==> flow/design.v <==
module ex_add_core_stage #(
  parameter DATA_WIDTH = 112,
  parameter GUARD = 2
) (
  input  wire clk_i,
  input  wire [DATA_WIDTH-1:0] data,
  input  wire init,
  output wire [DATA_WIDTH+GUARD-1:0] sum
);
  reg [DATA_WIDTH-1:0] data_q;
  reg init_q;
  reg [DATA_WIDTH+GUARD-1:0] acc;
  always @(posedge clk_i) begin
    data_q <= data;
    init_q <= init;
    acc <= init_q ? 0 : acc + data_q;
  end
  assign sum = acc;
endmodule
; Step by step through the tools: ex_add_core_stage
; The steps from the RTL of ex_add_core_stage to its reports follow in flow order.
; Line numbers count from 1 in the design file above.
; Operators: Yosys type, input widths -> output width; for muxes data width and select width s.
; The mark n/a stands for no value.
[setup]
design = ex_add_core_stage
clock = clk_i
lib = sky130hd
pvt_corner = tt_025C_1v80

; Word-level counts
; Counts by Yosys on the flattened word-level netlist (proc, flatten, opt, wreduce; memories kept). Register bits leave out memories and registers merged into their read ports (data or address); mux counts leave out enables and synchronous resets folded into registers. Print and check cells are left out. Cells with the same type and inputs are merged into one.
[classes]
n_addsub = 1
[ops]
columns = operator, n
row1 = $add 114x112->114, 1
[bits]
output_inout_bits = 114
in_bits = 114
reg_bits = 227

; Longest topological paths
; Yosys ltp: most cells in a row. Word level: on the elaborated netlist, between registers, memories and ports. Mapped: between sequential cells and ports; inverters and the memories' decode and read muxes count.
[logic_depth]
ltp_word = 1
abc_area = 1
ltp_mapped = 17
depth_no_buf = 17

; Synthesis result
; Yosys stat after the flow's synthesis: flattened, memories mapped to cells. It holds for the ABC_AREA given above (unset counts as 0); a run with the other value may have another netlist.
; Totals and module areas in this step are rounded.
[mapped]
ffs = 227
stdcells = 3017
synth_area_um2 = 16780
seq_area_um2 = 4544
[by_type]
columns = cell, n
row1 = sky130_fd_sc_hd__dfxtp_1, 227
row2 = sky130_fd_sc_hd__nand2_1, 1205
row3 = sky130_fd_sc_hd__inv_1, 685
row4 = sky130_fd_sc_hd__ha_1, 112
row5 = sky130_fd_sc_hd__nor2_1, 344
row6 = sky130_fd_sc_hd__a21oi_1, 152
row7 = sky130_fd_sc_hd__nand3_1, 80
row8 = sky130_fd_sc_hd__o21ai_0, 72
row9 = sky130_fd_sc_hd__nor2_2, 30
row10 = sky130_fd_sc_hd__nand3_2, 17
row11 = sky130_fd_sc_hd__nand2_2, 15
row12 = sky130_fd_sc_hd__and2_1, 11
row13 = sky130_fd_sc_hd__nor3_1, 13
row14 = sky130_fd_sc_hd__nand4_1, 9
row15 = sky130_fd_sc_hd__inv_2, 13
row16 = sky130_fd_sc_hd__nor2_4, 4
row17 = sky130_fd_sc_hd__nor3_2, 4
row18 = sky130_fd_sc_hd__clkbuf_1, 8
; Other cell types: 10; their cells: 16.

; Timing after synthesis
; Path of least setup slack by OpenSTA after synthesis, without wires, with an ideal clock, recovery checks aside; 20% of the period is set as input and as output delay. Where synthesis merged equal registers, the netlist keeps one of their names.
[synth_timing]
kind = reg2reg
from = reg acc[0]
to = reg acc[96]
tclk_ns = 3.75
slack_ns = 1.676
path_delay_ns = 2.074
t_first_pin_ns = 0.000
t_arrival_ns = 1.961
required_ns = 3.637
driving_pins = 18
period_less_setup_slack_ns = 2.074
; "path_delay_ns" = arrival - input delay + setup time.
; "driving_pins": output pins that drive a net of the path, with the launching flip-flop's if there is one; two outputs of one cell count as two.
; "period_less_setup_slack_ns" = period - worst setup slack (recovery checks aside). The figure is calculated, with input and output delays left at 20% of the set period.
; Between the ends stands the longest chain of elaborated cells between them, by number of cells; it is not shown to be the way that was timed. Of several equally long chains one is given.
; A line is the first line of the expression or statement that the cell stems from. Yosys adds cells for indexed reads and writes and turns some case tables into memories.
[synth_via]
cell_sequence = sky130_fd_sc_hd__dfxtp_1 sky130_fd_sc_hd__ha_1 sky130_fd_sc_hd__inv_1 sky130_fd_sc_hd__fa_1 sky130_fd_sc_hd__inv_1 sky130_fd_sc_hd__nand3_1 sky130_fd_sc_hd__nand2_2 sky130_fd_sc_hd__nand2_1 sky130_fd_sc_hd__nand2_1 sky130_fd_sc_hd__nand2_1 sky130_fd_sc_hd__nand2_1 sky130_fd_sc_hd__nand2_1 sky130_fd_sc_hd__nand2_1 sky130_fd_sc_hd__nand3_1 sky130_fd_sc_hd__nand3_1 sky130_fd_sc_hd__nand2_1 sky130_fd_sc_hd__nand2_1 sky130_fd_sc_hd__nor2_1
elab_chain_cells = 1
cone_cells = 1
[synth_lines]
columns = item, line_no
row1 = from (decl), 12  ; reg [DATA_WIDTH+GUARD-1:0] acc;
row2 = from (assign), 16  ; acc <= init_q ? 0 : acc + data_q;
row3 = $add 114x112->114, 16
row4 = to (assign), 16
row5 = to (decl), 12

; Timing after layout
; Path of least setup slack in the final report of record 1 (OpenROAD, finished layout, wires in). Where an end is a register, its clock arrival counts in the times.
[layout_timing]
kind = reg2reg
from = reg acc[105]
to = reg acc[106]
tclk_ns = 2.32
t_first_pin_ns = 0.57
t_arrival_ns = 2.75
driving_pins = 12
slack_ns = 0.03
required_ns = 2.78
; Between the ends stands the longest chain of elaborated cells between them, by number of cells; it is not shown to be the way that was timed. Of several equally long chains one is given.
[layout_via]
cell_sequence = sky130_fd_sc_hd__dfxtp_2 sky130_fd_sc_hd__ha_2 sky130_fd_sc_hd__a21oi_2 sky130_fd_sc_hd__o21ai_0 sky130_fd_sc_hd__o21bai_1 sky130_fd_sc_hd__nor2_2 sky130_fd_sc_hd__nand2_1 sky130_fd_sc_hd__a21oi_4 sky130_fd_sc_hd__buf_6 sky130_fd_sc_hd__nand3_1 sky130_fd_sc_hd__nand2_1 sky130_fd_sc_hd__nor2_1
elab_chain_cells = 1
cone_cells = 1
[layout_lines]
columns = item, line_no
row1 = from (decl), 12  ; reg [DATA_WIDTH+GUARD-1:0] acc;
row2 = from (assign), 16  ; acc <= init_q ? 0 : acc + data_q;
row3 = $add 114x112->114, 16
row4 = to (assign), 16
row5 = to (decl), 12

2 stored runs of ex_add_core_stage in the flow (synthesis by Yosys, layout by OpenROAD, sky130hd cells), in arbitrary order. Constraints: input delay and output delay 20% of the set period each, output load 0.01 pF.
The results are shown rounded.

# record 1
==> flow/run.sh <==
#!/bin/bash
# the make line also repeats the synthesis and layout settings of config.mk as NAME=value (left out here)
make -C /OpenROAD-flow-scripts/flow DESIGN_CONFIG=/design/flow/config.mk WORK_HOME=/design/flow/orfs CLKGATE_MAP_FILE= finish
==> flow/config.mk <==
export PLATFORM = sky130hd
export DESIGN_NAME = ex_add_core_stage
export DESIGN_NICKNAME = ex_add_core_stage
export VERILOG_FILES = /design/flow/design.v
export SDC_FILE = /design/flow/constraint.sdc
export NUM_CORES = 4
export LEC_CHECK = 0
export ABC_AREA = 1
export CAP_MARGIN = 20
export CORE_ASPECT_RATIO = 1.02
export CORE_MARGIN = 8
export CORE_UTILIZATION = 32
export CTS_CLUSTER_SIZE = 52
export GPL_ROUTABILITY_DRIVEN = 1
export MIN_ROUTING_LAYER = met1
export PLACE_DENSITY_LB_ADDON = 0.1
export SLEW_MARGIN = 20
export TNS_END_PERCENT = 15
==> flow/constraint.sdc <==
create_clock -name core_clock -period 2.32 [get_ports {clk_i}]
set_input_delay 0.4640 -clock core_clock [delete_from_list [all_inputs] [get_ports {clk_i}]]
set_output_delay 0.4640 -clock core_clock [all_outputs]
set_load 0.01 [all_outputs]

==> record 1: results <==
finalCellArea_um2=27850
worstSetupSlack_ns=0.027
timing.setup.tns_ns=0.000
die_area_um2=60010
ys_area_um2=16780

# record 2
==> flow/run.sh <==
#!/bin/bash
# the make line also repeats the synthesis and layout settings of config.mk as NAME=value (left out here)
make -C /OpenROAD-flow-scripts/flow DESIGN_CONFIG=/design/flow/config.mk WORK_HOME=/design/flow/orfs CLKGATE_MAP_FILE= finish
==> flow/config.mk <==
export PLATFORM = sky130hd
export DESIGN_NAME = ex_add_core_stage
export DESIGN_NICKNAME = ex_add_core_stage
export VERILOG_FILES = /design/flow/design.v
export SDC_FILE = /design/flow/constraint.sdc
export NUM_CORES = 4
export LEC_CHECK = 0
export CAP_MARGIN = 20
export CORE_MARGIN = 2
export CORE_UTILIZATION = 40
export SLEW_MARGIN = 20
==> flow/constraint.sdc <==
create_clock -name core_clock -period 3.75 [get_ports {clk_i}]
set_input_delay 0.7500 -clock core_clock [delete_from_list [all_inputs] [get_ports {clk_i}]]
set_output_delay 0.7500 -clock core_clock [all_outputs]
set_load 0.01 [all_outputs]

==> record 2: results <==
finalCellArea_um2=16700
worstSetupSlack_ns=0.194
timing.setup.tns_ns=0.000
die_area_um2=34030
ys_area_um2=13030
